==> flow/design.v <==
module sync_mul_mod #(
    parameter int DATA_W = 24
) (
    input  logic clk,
    input  logic rst,
    input  logic [DATA_W-1:0] in_first,
    input  logic [DATA_W-1:0] in_second,
    input  logic in_clear,
    output logic [2*DATA_W-1:0] out_res,
    output logic out_fin
);
    localparam int SW = $clog2(DATA_W + 1);
    logic [DATA_W-1:0] mcand;
    logic [SW-1:0] left;
    always_ff @(posedge clk or posedge rst) begin
        if (rst) begin
            mcand <= 0;
            left <= 0;
        end else begin
            mcand <= in_clear ? in_first : mcand;
            left <= in_clear ? DATA_W : (left != 0) ? left - 1'b1 : left;
        end
    end
    logic [2*DATA_W-1:0] run_sum;
    logic [DATA_W:0] work;
    assign work = run_sum[2*DATA_W-1:DATA_W] + (run_sum[0] ? mcand : {DATA_W{1'b0}});
    always_ff @(posedge clk or posedge rst) begin
        if (rst) begin
            run_sum <= 0;
        end else begin
            run_sum <= in_clear ? {{DATA_W{1'b0}}, in_second} : (left != 0) ? {work, run_sum[DATA_W-1:1]} : run_sum;
        end
    end
    assign out_res = run_sum;
    assign out_fin = (left == 0);
endmodule
Step by step through the tools: sync_mul_mod
What the tools print for sync_mul_mod, step after step.
Lines are those of the file above, counted from 1.
Operators carry their Yosys type and port widths (W data, S select, Z words).
Cell names lack the library's common part.
Not given: --
- top: sync_mul_mod
- clock input: clk
- standard-cell library: sky130hd
- library corner: tt_025C_1v80

Word-level counts
Counts by Yosys on the flattened word-level netlist (proc, flatten, opt, wreduce; memories kept). Register bits leave out memories and registers merged into their read ports (data or address). Print and check cells are left out. Cells with the same type and inputs are merged into one.
- noted bits in registers: 77
- noted output and inout port bits: 49
- word-level cells: 13
- noted add/subtract/negate cells: 2
- muxes and demuxes at 5
- reduce/logical cells: 3
- operators with widths (kind ; number):
    $mux W48 ; 2
    $add A24 B24 Y25 ; 1
    $mux W24 ; 1
    $mux W5 ; 2
    $sub A5 B1 Y5 const B ; 1
    $logic_not A5 Y1 ; 1
    $reduce_bool A5 Y1 ; 1
    $reduce_bool A2 Y1 ; 1

Longest topological paths
Longest topological path by Yosys (ltp), each cell counted once; first at word level (registers and memories cut), then after technology mapping (sequential cells cut; the memories' decode and read muxes count).
- noted word-level depth: 4
- noted ABC_AREA: 0
- noted depth in mapped cells: 12
- gate-level depth less buffers: 11

Synthesis result
The flow's flattened synthesis, as Yosys stat reports it; memories are mapped. The netlist is that of the ABC_AREA named above (0 if unset); the other value can give another one.
- cells in the netlist at 471
- noted synthesis area: 4629.4 um2
- sequential area: 1926.8 um2
- noted flip-flops: 77
- buffer cells at 24
- cell types (cell type ; number ; area in all (um2)):
    dfrtp_1 ; 77 ; 1.93E+03
    ha_1 ; 26 ; 325.312
    mux2_2 ; 24 ; 270.259
    mux2i_1 ; 25 ; 250.24
    nand2_1 ; 52 ; 195.187
    o21ai_0 ; 39 ; 195.187
    and2_1 ; 26 ; 162.656
    a21oi_1 ; 31 ; 155.149
    nor2_1 ; 22 ; 82.579
    xnor2_1 ; 7 ; 61.309
    xor2_1 ; 7 ; 61.309
    clkbuf_1 ; 15 ; 56.304
    a211oi_1 ; 6 ; 45.043
    nor3b_1 ; 6 ; 45.043
    a21oi_2 ; 5 ; 43.792
    clkbuf_8 ; 3 ; 41.29
    inv_1 ; 11 ; 41.29
    a31oi_1 ; 6 ; 37.536
Other cell types: 40; their cells: 83.

Timing after synthesis
OpenSTA on the mapped netlist: ideal clock, no wires. The path of least setup slack (recovery checks aside). Input and output delay are each 20% of the period. Register names are those of the netlist, which keeps one name where synthesis merged equal registers.
- kind: reg-to-reg
- start: reg run_sum[0]
- end: reg run_sum[39]
- clock period at 3.32 ns
- setup time: 0.069 ns
- launch time at the first pin at 0.000 ns
- arrival time at 2.587 ns
- required time at 3.251 ns
- slack: 0.664 ns
- delay of the path: 2.656 ns
- stages at 13
- synthesis period reached at 2.656 ns
"delay of the path" is the arrival time less input delay plus setup time.
"stages": output pins that drive a net of the path, with the launching flip-flop's if there is one; two outputs of one cell count as two.
"synthesis period reached" = period - worst setup slack (recovery checks aside). The figure is calculated, with input and output delays left at 20% of the set period.
The rows between start and end are the longest chain of elaborated cells between them; the timing report does not say that the signal goes this way. Where chains are equally long, one stands for them.
A line is the first line of the expression or statement that the cell stems from. Yosys adds cells for indexed reads and writes and turns some case tables into memories.
- cells stage by stage: dfrtp_1 clkbuf_1 and2_1 ha_1 inv_1 fa_1 nor2b_4 o31a_1 nor3_1 o221ai_2 a21oi_2 or4_1 nand3_1
- cells in the longest elaborated chain: 4
- elaborated cells on any way between the ends: 4
- RTL lines with such cells: 2
- those cells by class: add/sub: 1; mux: 3
- RTL lines, path after synthesis (what ; line ; text):
    from (decl) ; 24 ; logic [2*DATA_W-1:0] run_sum;
    from (assign) ; 29 ; run_sum <= 0;
    from (assign) ; 31 ; run_sum <= in_clear ? {{DATA_W{1'b0}}, in_second} : (left != 0) ? {work, run_sum[DATA_W-1:1]} : run_sum;
    $mux W24 ; 26 ; assign work = run_sum[2*DATA_W-1:DATA_W] + (run_sum[0] ? mcand : {DATA_W{1'b0}});
    $add A24 B24 Y25 ; 26 ;
    $mux W48 x2 ; 31 ;
    to (assign) ; 29 ;
    to (assign) ; 31 ;
    to (decl) ; 24 ;

Timing after layout
Path of least setup slack in the final report of run 2 (OpenROAD, finished layout, wires in). Where an end is a register, its clock arrival counts in the times.
- kind: reg-to-reg
- start: reg run_sum[0]
- end: reg run_sum[42]
- clock period at 3.32 ns
- setup time: 0.09 ns
- launch time at the first pin at 0.33 ns
- arrival time at 3.11 ns
- required time at 3.56 ns
- slack: 0.45 ns
- stages at 11
The rows between start and end are the longest chain of elaborated cells between them; the timing report does not say that the signal goes this way. Where chains are equally long, one stands for them.
- cells stage by stage: dfrtp_1 buf_4 and2_1 ha_1 a21oi_1 a21boi_1 o21ai_0 inv_1 a31oi_1 xor2_1 a211oi_1
- cells in the longest elaborated chain: 4
- elaborated cells on any way between the ends: 4
- RTL lines with such cells: 2
- those cells by class: add/sub: 1; mux: 3
- RTL lines, path after layout (what ; line ; text):
    from (decl) ; 24 ; logic [2*DATA_W-1:0] run_sum;
    from (assign) ; 29 ; run_sum <= 0;
    from (assign) ; 31 ; run_sum <= in_clear ? {{DATA_W{1'b0}}, in_second} : (left != 0) ? {work, run_sum[DATA_W-1:1]} : run_sum;
    $mux W24 ; 26 ; assign work = run_sum[2*DATA_W-1:DATA_W] + (run_sum[0] ? mcand : {DATA_W{1'b0}});
    $add A24 B24 Y25 ; 26 ;
    $mux W48 x2 ; 31 ;
    to (assign) ; 29 ;
    to (assign) ; 31 ;
    to (decl) ; 24 ;

Add stored flow runs of sync_mul_mod

Measured data: module sync_mul_mod, platform sky130hd, 3 stored runs of the flow under differing settings, order arbitrary. Input and output delays are each 20% of the period that was set; the output load is 0.01 pF.
"achieved period" means the clock period less the worst setup slack. The figure is calculated, with input and output delays left at 20% of the set period.
"time on the worst setup path" means the part of the period allowed to the worst setup path (the constraints hold back 20% at inputs and 20% at outputs) less its slack; where the path has registers, the arrival times of their clocks count too.
"total design power": no workload was simulated; the value follows from the tool's default switching activity.

Run 1

==> flow/run.sh <==
#!/bin/bash
# the make line also repeats the synthesis and layout settings of config.mk as NAME=value (left out here)
make -C /OpenROAD-flow-scripts/flow DESIGN_CONFIG=/design/flow/config.mk WORK_HOME=/design/flow/orfs CLKGATE_MAP_FILE= finish
==> flow/config.mk <==
export PLATFORM = sky130hd
export DESIGN_NAME = sync_mul_mod
export DESIGN_NICKNAME = sync_mul_mod
export VERILOG_FILES = /design/flow/design.v
export SDC_FILE = /design/flow/constraint.sdc
export NUM_CORES = 4
export LEC_CHECK = 0
export CAP_MARGIN = 20
export CELL_PAD_IN_SITES_DETAIL_PLACEMENT = 1
export CORE_ASPECT_RATIO = 1.57
export CORE_MARGIN = 7
export CORE_UTILIZATION = 67
export CTS_CLUSTER_DIAMETER = 302
export PLACE_DENSITY_LB_ADDON = 0.27
export SETUP_SLACK_MARGIN = 0.84
export SLEW_MARGIN = 20
==> flow/constraint.sdc <==
create_clock -name core_clock -period 5.23 [get_ports {clk}]
set_input_delay 1.0460 -clock core_clock [delete_from_list [all_inputs] [get_ports {clk}]]
set_output_delay 1.0460 -clock core_clock [all_outputs]
set_load 0.01 [all_outputs]

Run 1: no final report: placement broke off with DPL-0033.

Run 2

==> flow/run.sh <==
#!/bin/bash
# the make line also repeats the synthesis and layout settings of config.mk as NAME=value (left out here)
make -C /OpenROAD-flow-scripts/flow DESIGN_CONFIG=/design/flow/config.mk WORK_HOME=/design/flow/orfs CLKGATE_MAP_FILE= finish
==> flow/config.mk <==
export PLATFORM = sky130hd
export DESIGN_NAME = sync_mul_mod
export DESIGN_NICKNAME = sync_mul_mod
export VERILOG_FILES = /design/flow/design.v
export SDC_FILE = /design/flow/constraint.sdc
export NUM_CORES = 4
export LEC_CHECK = 0
export CAP_MARGIN = 20
export CORE_MARGIN = 2
export CORE_UTILIZATION = 40
export SLEW_MARGIN = 20
==> flow/constraint.sdc <==
create_clock -name core_clock -period 3.32 [get_ports {clk}]
set_input_delay 0.6640 -clock core_clock [delete_from_list [all_inputs] [get_ports {clk}]]
set_output_delay 0.6640 -clock core_clock [all_outputs]
set_load 0.01 [all_outputs]

Measured in run 2:
- achieved period: 2.869 ns
- area of the die at 12450.1 um2
- utilization in the final report: 53.0 %
- noted the post-synthesis cell area: 4629.4 um2
- noted the time on the worst setup path: 2.87 ns
- worst path kind: reg-to-reg
- noted the total design power: 3165 µW
- setup slack of the worst path: 0.451 ns

Run 3

==> flow/run.sh <==
#!/bin/bash
# the make line also repeats the synthesis and layout settings of config.mk as NAME=value (left out here)
make -C /OpenROAD-flow-scripts/flow DESIGN_CONFIG=/design/flow/config.mk WORK_HOME=/design/flow/orfs CLKGATE_MAP_FILE= finish
==> flow/config.mk <==
export PLATFORM = sky130hd
export DESIGN_NAME = sync_mul_mod
export DESIGN_NICKNAME = sync_mul_mod
export VERILOG_FILES = /design/flow/design.v
export SDC_FILE = /design/flow/constraint.sdc
export NUM_CORES = 4
export LEC_CHECK = 0
export ABC_AREA = 0
export CAP_MARGIN = 20
export CELL_PAD_IN_SITES_GLOBAL_PLACEMENT = 1
export CORE_ASPECT_RATIO = 1.0
export CORE_MARGIN = 3
export CORE_UTILIZATION = 34
export CTS_CLUSTER_DIAMETER = 276
export CTS_CLUSTER_SIZE = 41
export GPL_TIMING_DRIVEN = 1
export MIN_ROUTING_LAYER = met1
export PLACE_DENSITY_LB_ADDON = 0.13
export SETUP_SLACK_MARGIN = 0.02
export SLEW_MARGIN = 40
==> flow/constraint.sdc <==
create_clock -name core_clock -period 2.19 [get_ports {clk}]
set_input_delay 0.4380 -clock core_clock [delete_from_list [all_inputs] [get_ports {clk}]]
set_output_delay 0.4380 -clock core_clock [all_outputs]
set_load 0.01 [all_outputs]

Measured in run 3:
- achieved period: 2.471 ns
- area of the die at 15051.6 um2
- utilization in the final report: 53.8 %
- noted the post-synthesis cell area: 4629.4 um2
- noted the time on the worst setup path: 2.47 ns
- worst path kind: reg-to-reg
- noted the total design power: 5445 µW
- setup slack of the worst path: -0.281 ns
